==> flow/design.v <==
module sync_mag_cmp_mod #(
   parameter int W = 32
) (
   input  logic clock,
   input  logic clr,
   input  logic [W-1:0] u,
   input  logic [W-1:0] v,
   output logic le
);
   logic [W-1:0] u_q;
   logic [W-1:0] v_q;
   always_ff @(posedge clock or posedge clr) begin
      if (clr) begin
         u_q <= 0;
         v_q <= 0;
      end else begin
         u_q <= u;
         v_q <= v;
      end
   end
   assign le = (u_q <= v_q);
endmodule
==> From RTL to reports: sync_mag_cmp_mod <==
The steps from the RTL of sync_mag_cmp_mod to its reports follow in flow order.
Lines are those of the file above, counted from 1.
Cell names lack the library's common part.
{ "design": {"top_module": "sync_mag_cmp_mod", "clock": "clock", "cell_library": "sky130hd", "pvt_corner": "tt_025C_1v80"} }

==> Word-level counts <==
Counts by Yosys on the flattened word-level netlist (proc, flatten, opt, wreduce; memories kept). Register bits leave out memories and registers merged into their read ports (data or address); mux counts leave out enables and synchronous resets folded into registers. Print and check cells are left out. Cells with the same type and inputs are merged into one.
{ "bits": {"reg_bits": 64, "latch_bits": 0, "ram_bits": 0, "mem_bits_ro": 0, "clocked_rd_ports_x_width": 0, "n_memories": 0, "inputBits": 66, "wordCells": 3} }
{ "op_classes": {"n_addsub": 0, "n_mul": 0, "div_mod_pow": 0, "n_cmp": 1, "equal": 0, "shifts": 0, "n_mux": 0, "n_logic": 0, "reduce_and_logical": 0} }
{ "op_table": {"columns": ["operator", "count"], "rows": [
  ["32-bit <= comparator", 1]
]} }

==> Logic depth <==
Depth = most cells in a row (Yosys ltp): at word level without a register or memory, in the mapped netlist without a sequential cell, where the memories' decode and read muxes count.
{ "logic_depth": {"word_depth": 1, "ABC_AREA": 0, "mapped_depth": 7, "ltp_nobuf": 7} }

==> Synthesis result <==
Yosys stat after the flow's synthesis: flattened, memories mapped to cells. It holds for the ABC_AREA given above (unset counts as 0); a run with the other value may have another netlist.
{ "types": {"columns": ["cell_type", "count", "area_total_um2"], "rows": [
  ["dfrtp_1", 64, 1.6E+03],
  ["ha_1", 32, 400.384],
  ["inv_1", 34, 127.622],
  ["a21oi_1", 12, 60.058],
  ["nand4_1", 6, 37.536],
  ["nand2_1", 8, 30.029],
  ["a221oi_1", 3, 26.275],
  ["nand4_4", 1, 21.27],
  ["nand3_1", 4, 20.019],
  ["o21ai_0", 4, 20.019],
  ["a2111o_1", 1, 11.261],
  ["nor2_1", 3, 11.261],
  ["and4_1", 1, 8.758],
  ["o211ai_1", 1, 7.507],
  ["o31ai_1", 1, 7.507],
  ["a31oi_1", 1, 6.256],
  ["nand2b_1", 1, 6.256],
  ["nor2b_1", 1, 6.256]
]} }
Not listed: further types 2, cells in them 2.
{ "mapped": {"cells": 180, "area_um2": 2421.1, "seqArea_um2": 1601.5, "ffs": 64} }

==> Timing after synthesis <==
Path of least setup slack by OpenSTA after synthesis, without wires, with an ideal clock, recovery checks aside; 20% of the period is set as input and as output delay. Where synthesis merged equal registers, the netlist keeps one of their names.
{ "synth_timing": {"path_kind": "reg2out", "from": "register u_q[7]", "to": "output port le", "tclk_ns": 2.31, "t_first_pin_ns": 0.000, "arrival_ns": 1.478, "required_time_ns": 1.848, "slack_ns": 0.370, "path_delay_ns": 1.478, "stages": 7, "n_path_buf": 0, "synth_period_reached_ns": 1.94} }
"path_delay_ns" is the arrival time less input delay plus setup time.
A path that ends at an output port has no setup time.
"stages": output pins that drive a net of the path, with the launching flip-flop's if there is one; two outputs of one cell count as two.
"synth_period_reached_ns" = period - worst setup slack (recovery checks aside). The figure is calculated, with input and output delays left at 20% of the set period.
Between the ends stands the longest chain of elaborated cells between them, by number of cells; it is not shown to be the way that was timed. Of several equally long chains one is given.
Each line given opens the expression or statement behind the cell; cells for indexed reads and writes are added by Yosys, which also makes memories of some case tables.
{ "synth_via": {"cell_sequence": "dfrtp_1 ha_1 a21oi_1 o21ai_0 a221oi_1 a31oi_1 o21ai_1", "elab_chain_len": 1} }
{ "synth_rtl": {"columns": ["element", "line", "text"], "rows": [
  ["start: declaration", 10, "logic [W-1:0] u_q;"],
  ["start: assignment", 14, "u_q <= 0;"],
  ["start: assignment", 17, "u_q <= u;"],
  ["32-bit <= comparator", 21, "assign le = (u_q <= v_q);"],
  ["end: declaration", 8, "output logic le"]
]} }

==> Timing after layout <==
From the final timing report of run 2: the path of least setup slack in the routed layout; clock arrival at registers is part of the times.
{ "layout_timing": {"path_kind": "reg2out", "from": "register v_q[5]", "to": "output port le", "tclk_ns": 1.4, "t_first_pin_ns": 0.34, "arrival_ns": 2.05, "required_time_ns": 1.12, "slack_ns": -0.93, "stages": 9, "n_path_buf": 2} }
Between the ends stands the longest chain of elaborated cells between them, by number of cells; it is not shown to be the way that was timed. Of several equally long chains one is given.
{ "layout_via": {"cell_sequence": "dfrtp_1 inv_2 ha_4 buf_4 nand4_4 a2111o_1 a31oi_1 o21ai_1 buf_2", "elab_chain_len": 1} }
{ "layout_rtl": {"columns": ["element", "line", "text"], "rows": [
  ["start: declaration", 11, "logic [W-1:0] v_q;"],
  ["start: assignment", 15, "v_q <= 0;"],
  ["start: assignment", 18, "v_q <= v;"],
  ["32-bit <= comparator", 21, "assign le = (u_q <= v_q);"],
  ["end: declaration", 8, "output logic le"]
]} }

3 stored runs of sync_mag_cmp_mod in the flow (synthesis by Yosys, layout by OpenROAD, sky130hd cells), in arbitrary order. Constraints: input delay and output delay 20% of the set period each, output load 0.01 pF.
"achieved clock period (ns)" means the clock period less the worst setup slack. The figure is calculated, with input and output delays left at 20% of the set period.
By "worst setup path time (ns)" is meant the share of the clock period that the worst setup path is allowed (20% is reserved at inputs, 20% at outputs), minus its slack. Clock arrival times at its registers enter into it.
"finish__power__total" rests on the timing tool's default activity at the inputs, not on a simulated workload.

settings of run 1
{
  "period_ns": 3.08,
  "CORE_UTILIZATION": 48,
  "SETUP_SLACK_MARGIN": 0.68,
  "PLACE_DENSITY_LB_ADDON": 0.19,
  "CORE_ASPECT_RATIO": 0.55,
  "CELL_PAD_IN_SITES_DETAIL_PLACEMENT": 2,
  "ABC_AREA": 1,
  "GPL_TIMING_DRIVEN": 0,
  "GPL_ROUTABILITY_DRIVEN": 0,
  "CTS_CLUSTER_SIZE": 22,
  "CTS_CLUSTER_DIAMETER": 361,
  "CAP_MARGIN": 20,
  "CORE_MARGIN": 2,
  "SLEW_MARGIN": 20
}
report of run 1: did not finish, place, DPL-0033

settings of run 2
{
  "period_ns": 1.4,
  "CORE_UTILIZATION": 54,
  "PLACE_DENSITY_LB_ADDON": 0.18,
  "CORE_ASPECT_RATIO": 0.73,
  "TNS_END_PERCENT": 55,
  "CTS_CLUSTER_SIZE": 30,
  "CAP_MARGIN": 10,
  "SLEW_MARGIN": 10,
  "MIN_ROUTING_LAYER": "met1",
  "MAX_ROUTING_LAYER": "met5",
  "CORE_MARGIN": 2
}
report of run 2
yosys chip area after synthesis (um^2): 2421.1
finish__design__die__area: 5041.9
finish__design__instance__area__stdcell: 3508.4
finish__design__instance__utilization: 0.8296
finish__timing__setup__ws: -0.928
finish__timing__setup__tns: -0.928
finish__timing__hold__ws: 0.367
finish__power__total: 4.066e-03
achieved clock period (ns): 2.328
worst setup path time (ns): 2.05
worst setup path kind: reg2out

settings of run 3
{
  "period_ns": 2.31,
  "CAP_MARGIN": 20,
  "CORE_MARGIN": 2,
  "CORE_UTILIZATION": 40,
  "SLEW_MARGIN": 20
}
report of run 3
yosys chip area after synthesis (um^2): 2421.1
finish__design__die__area: 6691.2
finish__design__instance__area__stdcell: 3509.6
finish__design__instance__utilization: 0.5963
finish__timing__setup__ws: -0.177
finish__timing__setup__tns: -0.177
finish__timing__hold__ws: 0.501
finish__power__total: 2.504e-03
achieved clock period (ns): 2.487
worst setup path time (ns): 2.02
worst setup path kind: reg2out
